==> flow/design.v <==
module mux_mod #(
    parameter W = 48,
    parameter LANES = 12
) (
    input  i_clk,
    input  rstn,
    input  [LANES*W-1:0] i_ch,
    input  [LANES-1:0] i_s,
    output [W-1:0] o_res
);
    reg [LANES*W-1:0] ch_s;
    always @(posedge i_clk) begin
        if (~rstn) begin
            ch_s <= 0;
        end else begin
            ch_s <= i_ch;
        end
    end
    reg [LANES-1:0] s_s;
    always @(posedge i_clk) begin
        if (~rstn) begin
            s_s <= 0;
        end else begin
            s_s <= i_s;
        end
    end
    reg [W-1:0] tmp;
    integer t;
    always @(*) begin
        tmp = 0;
        for (t = LANES-1; t >= 0; t = t - 1)
            if (s_s[t]) tmp = ch_s[t*W +: W];
    end
    assign o_res = tmp;
endmodule
Step by step through the tools: mux_mod:

Tool output for the design above, in the order of the flow.
Line numbers count from 1 in the design file above.
Operators: Yosys type, input widths -> output width; for muxes data width and select width s.
Library cell names are shortened.
The mark n/a stands for no value.

* design top: mux_mod
* clock: i_clk
* standard-cell library: sky130hd
* corner: tt_025C_1v80

Elaborated design:

Yosys after proc, flatten, opt, wreduce and memory -nomap, before mapping. Enables and synchronous resets that opt folds into registers are not counted as muxes. Memory bits, and registers merged into a memory's read port (data or address), are not among the register bits. Print and check cells are not counted. Equal cells are merged and count once.

* flip-flop bits (word level): 588
* bits of input ports: 590
* output and inout port bits: 48
* word-level cells: 14

* muxes and demuxes: 12

Operator list (number)
* $mux 48: 12

Depth:

Yosys ltp: most cells in a row. Word level: on the elaborated netlist, between registers, memories and ports. Mapped: between sequential cells and ports; inverters and the memories' decode and read muxes count.

* depth after elaboration: 12
* ABC_AREA: 0
* mapped depth: 7
* gate-level depth less buffers: 4

Mapped cells and area:

The flow's flattened synthesis, as Yosys stat reports it; memories are mapped. The netlist is that of the ABC_AREA named above (0 if unset); the other value can give another one.

* standard cells after synthesis: 2279
* synthesis area: 21992.3 sq um
* sequential part of the area: 11771.3 sq um
* flip-flops: 588
* buffer cells: 183

Cell types
* dfxtp_1: number 588, total area 1.18E+04 sq um
* and2_1: number 588, total area 3.68E+03 sq um
* inv_1: number 141, total area 529.258 sq um
* clkbuf_1: number 129, total area 484.214 sq um
* a21oi_1: number 96, total area 480.461 sq um
* a221oi_1: number 47, total area 411.645 sq um
* a2bb2oi_1: number 47, total area 411.645 sq um
* o221ai_1: number 47, total area 411.645 sq um
* nand2_1: number 98, total area 367.853 sq um
* nor3b_1: number 49, total area 367.853 sq um
* a211oi_1: number 48, total area 360.346 sq um
* o31ai_1: number 48, total area 360.346 sq um
* a22oi_1: number 47, total area 352.838 sq um
* nor2b_1: number 51, total area 319.056 sq um
* nand2b_1: number 49, total area 306.544 sq um
* o2bb2ai_2: number 19, total area 285.274 sq um
* o2bb2ai_1: number 28, total area 245.235 sq um
* nand3_1: number 48, total area 240.23 sq um

Other cell types: 13; their cells: 111.

Timing after synthesis:

Source: OpenSTA report_checks on the synthesized netlist (no wires, ideal clock, input and output delay 20% of the period each), path of least setup slack; recovery checks are left aside. Register names are those of the netlist, which keeps one name where synthesis merged equal registers.

* path type: register to output
* start: register s_s[6]
* end: output port o_res[36]
* clock period: 2.14 ns
* output delay: 0.428 ns
* time at the first pin: 0.000 ns
* data arrival time: 1.367 ns
* data required time: 1.712 ns
* slack: 0.345 ns
* path delay: 1.367 ns
* stages on the path: 8
* buffers on the path: 3
* synthesis period reached: 1.795 ns

"path delay" = arrival - input delay + setup time.
A path that ends at an output port has no setup time.
"stages on the path": output pins that drive a net of the path, with the launching flip-flop's if there is one; two outputs of one cell count as two.
"synthesis period reached" is the clock period less the worst setup slack; recovery checks do not enter. This is arithmetic on one report: input and output delays are still those of the set period (20% each).
The rows between start and end are the longest chain of elaborated cells between them; the timing report does not say that the signal goes this way. Where chains are equally long, one stands for them.
Each line given opens the expression or statement behind the cell; cells for indexed reads and writes are added by Yosys, which also makes memories of some case tables.

* cells stage by stage: dfxtp_1 > buf_6 > nor3b_2 > buf_6 > buf_6 > o2bb2ai_2 > o221ai_1 > a21oi_1
* length of the longest elaborated chain: 7

RTL lines, path after synthesis
* from (decl): RTL line 19 `reg [LANES-1:0] s_s;`
* from (assign): RTL line 22 `s_s <= 0;`
* from (assign): RTL line 24 `s_s <= i_s;`
* $mux 48 x7: RTL line 32 `if (s_s[t]) tmp = ch_s[t*W +: W];`
* to (decl): RTL line 9 `output [W-1:0] o_res`

Timing after layout:

From the final timing report of stored run 1: the path of least setup slack in the routed layout; clock arrival at registers is part of the times.

* path type: register to output
* start: register s_s[10]
* end: output port o_res[37]
* clock period: 2.14 ns
* output delay: 0.43 ns
* time at the first pin: 0.59 ns
* data arrival time: 2.25 ns
* data required time: 1.71 ns
* slack: -0.54 ns
* stages on the path: 9
* buffers on the path: 4

The rows between start and end are the longest chain of elaborated cells between them; the timing report does not say that the signal goes this way. Where chains are equally long, one stands for them.

* cells stage by stage: dfxtp_4 > nor3b_4 > buf_6 > clkbuf_16 > buf_12 > o2bb2ai_2 > o221ai_2 > a21oi_2 > buf_2
* length of the longest elaborated chain: 11

RTL lines, path after layout
* from (decl): RTL line 19 `reg [LANES-1:0] s_s;`
* from (assign): RTL line 22 `s_s <= 0;`
* from (assign): RTL line 24 `s_s <= i_s;`
* $mux 48 x11: RTL line 32 `if (s_s[t]) tmp = ch_s[t*W +: W];`
* to (decl): RTL line 9 `output [W-1:0] o_res`

Data sheet: physical implementation of mux_mod

Stored flow runs of mux_mod (3 of them; Yosys, OpenROAD, sky130hd). They differ in their settings and are not a sequence. Constraints: input delay and output delay 20% of the set period each, output load 0.01 pF.
"achieved period": clock period set for the run, less the worst setup slack. It is reckoned from that one timing run; input and output delays stay at 20% of the period that was set.

### Stored run 1

Settings: `period_ns=2.14`, `CAP_MARGIN=20`, `CORE_MARGIN=2`, `CORE_UTILIZATION=40`, `SLEW_MARGIN=20`

- Netlist area reported by Yosys: 21992.3 sq um
- Worst-case hold slack: 0.254 ns
- Die footprint: 56872.7 sq um
- Achieved period: 2.680 ns
- Post-route utilization: 0.622
- Worst slack on setup checks: -0.540 ns
- Setup total negative slack: -22.100 ns

### Stored run 2

Settings: `period_ns=1.45`, `CORE_UTILIZATION=28`, `SETUP_SLACK_MARGIN=0.17`, `ABC_AREA=0`, `GPL_TIMING_DRIVEN=0`, `CAP_MARGIN=20`, `CORE_MARGIN=2`, `SLEW_MARGIN=20`

- Netlist area reported by Yosys: 21992.3 sq um
- Worst-case hold slack: 0.268 ns
- Die footprint: 80800.9 sq um
- Achieved period: 2.688 ns
- Post-route utilization: 0.462
- Worst slack on setup checks: -1.238 ns
- Setup total negative slack: -55.561 ns

### Stored run 3

Settings: `period_ns=2.88`, `CORE_UTILIZATION=66`, `PLACE_DENSITY=0.75`, `CORE_ASPECT_RATIO=0.58`, `CELL_PAD_IN_SITES_DETAIL_PLACEMENT=2`, `TNS_END_PERCENT=95`, `GPL_TIMING_DRIVEN=0`, `GPL_ROUTABILITY_DRIVEN=1`, `CTS_CLUSTER_SIZE=15`, `CTS_CLUSTER_DIAMETER=309`, `CAP_MARGIN=0`, `MIN_ROUTING_LAYER=met2`, `CORE_MARGIN=2`, `SLEW_MARGIN=20`

Incomplete, placement halted on a tool error.
